==> flow/design.v <==
module core_muxn_mod #(
  parameter integer W = 32,
  parameter integer NUM = 2,
  parameter integer LG = $clog2(NUM)
) (
  input  logic sys_clk,
  input  logic en,
  input  logic [NUM*W-1:0] in,
  input  logic [LG-1:0] addr,
  output logic [W-1:0] y
);
  wire [W-1:0] tree [1:2*NUM-1];
  for (genvar gi = 0; gi < NUM; gi++) begin : each
    assign tree[NUM+gi] = in[gi*W +: W];
  end
  for (genvar gi = 1; gi < NUM; gi++) begin : u_g
    sel2 #(.N(W)) unit (.a(tree[2*gi]), .b(tree[2*gi+1]), .s(addr[LG - $clog2(gi+1)]), .y(tree[gi]));
  end
  always_ff @(posedge sys_clk) begin
    if (en) begin
      y <= tree[1];
    end
  end
endmodule
module sel2 #(parameter N = 1) (
  input logic [N-1:0] a,
  input logic [N-1:0] b,
  input logic s,
  output logic [N-1:0] y
);
  assign y = s ? b : a;
endmodule
From RTL to reports: core_muxn_mod
The steps from the RTL of core_muxn_mod to its reports follow in flow order.
Lines are those of the file above, counted from 1.
Operators: Yosys type, input widths -> output width; for muxes data width and select width s.
Cell names lack the library's common part.
{ "inputs": {"top_module": "core_muxn_mod", "clk_port": "sys_clk", "lib": "sky130hd", "corner": "tt_025C_1v80"} }

Word level
Yosys after proc, flatten, opt, wreduce and memory -nomap, before mapping. Enables and synchronous resets that opt folds into registers are not counted as muxes. Memory bits, and registers merged into a memory's read port (data or address), are not among the register bits. Print and check cells are not counted. Equal cells are merged and count once.
{ "op_classes": {"mux": 1} }
{ "ops": {"columns": ["cell", "count"], "rows": [
  ["$mux 32", 1]
]} }
{ "word_totals": {"in_bits": 67, "register_bits": 32, "output_inout_bits": 32, "wordCells": 2} }

Logic depth
Yosys ltp: most cells in a row. Word level: on the elaborated netlist, between registers, memories and ports. Mapped: between sequential cells and ports; inverters and the memories' decode and read muxes count.
{ "logic_depth": {"ltp_word": 1, "ABC_AREA": 0, "depth_mapped": 3, "depth_no_buf": 1} }

After synthesis
Source: synth_stat.txt of the flow (Yosys; design flattened, memories mapped). It holds for the ABC_AREA given above (unset counts as 0); a run with the other value may have another netlist.
{ "mapped": {"stdcells": 68, "flip_flops": 32, "yosys_area_um2": 1505.2, "seq_area_um2": 960.9, "buf_cells": 4} }
{ "types": {"columns": ["type", "count", "area_total_um2"], "rows": [
  ["edfxtp_1", 32, 960.922],
  ["mux2_4", 30, 450.432],
  ["buf_12", 3, 60.058],
  ["mux2_2", 2, 22.522],
  ["buf_6", 1, 11.261]
]} }
By module: a second synthesis without flattening, with its own total; a netlist apart from the flattened one above.
{ "unflattened": {"hier_cells": 68, "hier_area_um2": 1505.2} }
Rows give one instance, submodules left out.
{ "by_module": {"columns": ["mod", "area_um2", "n_inst", "seq_area_um2", "cells"], "rows": [
  ["core_muxn_mod", 960.9, 1, 960.9, 32],
  ["sel2 #(N=32)", 544.3, 1, 0.0, 36]
]} }

Worst setup path after synthesis
Source: OpenSTA report_checks on the synthesized netlist (no wires, ideal clock, input and output delay 20% of the period each), path of least setup slack; recovery checks are left aside. Register names are those of the netlist, which keeps one name where synthesis merged equal registers.
{ "synth_timing": {"path_type": "input port to flip-flop", "start": "in addr[0]", "end": "reg y[0]", "delay_ps": 801, "path_slack_ps": 198, "setup_ps": 260, "period_ps": 1250, "driving_pins": 3, "n_path_buf": 2, "input_delay_ps": 250, "required_ps": 990, "launch_ps": 250, "arrival_ps": 791, "period_less_setup_slack_ps": 1052} }
"delay_ps" = arrival - input delay + setup time.
"driving_pins": output pins that drive a net of the path, with the launching flip-flop's if there is one; two outputs of one cell count as two.
"period_less_setup_slack_ps" is the clock period less the worst setup slack; recovery checks do not enter. This is arithmetic on one report: input and output delays are still those of the set period (20% each).
Between the ends stands the longest chain of elaborated cells between them, by number of cells; it is not shown to be the way that was timed. Of several equally long chains one is given.
Each line given opens the expression or statement behind the cell; cells for indexed reads and writes are added by Yosys, which also makes memories of some case tables.
{ "synth_between": {"path_cell_list": "buf_6 -> buf_12 -> mux2_4", "elab_chain_cells": 1, "cone_cells": 1, "lines_between": 1, "classes_between": "mux (1)"} }
{ "synth_lines": {"columns": ["item", "line_no", "text"], "rows": [
  ["from (decl)", 9, "input  logic [LG-1:0] addr,"],
  ["$mux 32", 31, "assign y = s ? b : a;"],
  ["to (assign)", 21, "y <= tree[1];"],
  ["to (decl)", 10, "output logic [W-1:0] y"]
]} }

Worst path after layout
Path of least setup slack in the final report of run 3 (OpenROAD, finished layout, wires in). Where an end is a register, its clock arrival counts in the times.
The report prints the path's times to 10 ps; the period is as set.
{ "layout_timing": {"path_type": "flip-flop to output port", "start": "reg y[12]", "end": "out y[12]", "arrival_ps": 940, "out_delay_ps": 250, "path_slack_ps": 60, "required_ps": 1000, "launch_ps": 270, "driving_pins": 2, "period_ps": 1250, "n_path_buf": 1} }
{ "layout_between": {"path_cell_list": "edfxtp_1 -> dlygate4sd2_1", "elab_chain_cells": 0, "cone_cells": 0, "lines_between": 0} }
{ "layout_lines": {"columns": ["item", "line_no", "text"], "rows": [
  ["from (decl)", 10, "output logic [W-1:0] y"],
  ["from (assign)", 21, "y <= tree[1];"],
  ["to (decl)", 10, null]
]} }

Data sheet: physical implementation of core_muxn_mod

core_muxn_mod through Yosys and OpenROAD on sky130hd: 3 stored runs, unordered, with their settings and measured results. The constraints put input and output delay at 20% of the set period each and load the outputs with 0.01 pF.
By "achievedPeriod_ps" is meant the clock period of the run minus its worst setup slack. This is arithmetic on one report: input and output delays are still those of the set period (20% each).
"worst_path_allowed_less_slack_ps" is the time allowed to the run's worst setup path (the clock period less input and output delay, where it has them) less its slack. Clock arrival times count: a late capture clock shortens it, a late launch clock lengthens it.
"worst_path_allowed_less_slack_ps" is given in steps of 10 ps.
[
  {
    "run": "run 1",
    "settings": { "period_ns": 1.2, "CORE_UTILIZATION": 71, "SETUP_SLACK_MARGIN": -0.01, "PLACE_DENSITY_LB_ADDON": 0.01, "CELL_PAD_IN_SITES_DETAIL_PLACEMENT": 2, "ABC_AREA": 1, "CTS_CLUSTER_SIZE": 18, "CTS_CLUSTER_DIAMETER": 198, "CAP_MARGIN": 20, "MAX_ROUTING_LAYER": "met4", "CORE_MARGIN": 2, "SLEW_MARGIN": 20 },
    "outcome": "no final report: placement broke off with FLW-0024"
  },
  {
    "run": "run 2",
    "settings": { "period_ns": 1.69, "CORE_UTILIZATION": 61, "PLACE_DENSITY_LB_ADDON": 0.09, "CORE_MARGIN": 4, "CTS_CLUSTER_DIAMETER": 30, "CAP_MARGIN": 15, "SLEW_MARGIN": 15, "MAX_ROUTING_LAYER": "met5" },
    "outcome": "no final report: placement broke off with FLW-0024"
  },
  {
    "run": "run 3",
    "settings": { "period_ns": 1.25, "CAP_MARGIN": 20, "CORE_MARGIN": 2, "CORE_UTILIZATION": 40, "SLEW_MARGIN": 20 },
    "results": { "synthesis_area_um2": 1505.2, "design_die_area_um2": 4270.0, "tns_setup_ps": 0, "final_stdcell_area_um2": 2566.2, "worst_path_allowed_less_slack_ps": 940, "critical_path_kind": "flip-flop to output port", "worstSetupSlack_ps": 62, "achievedPeriod_ps": 1188 }
  }
]
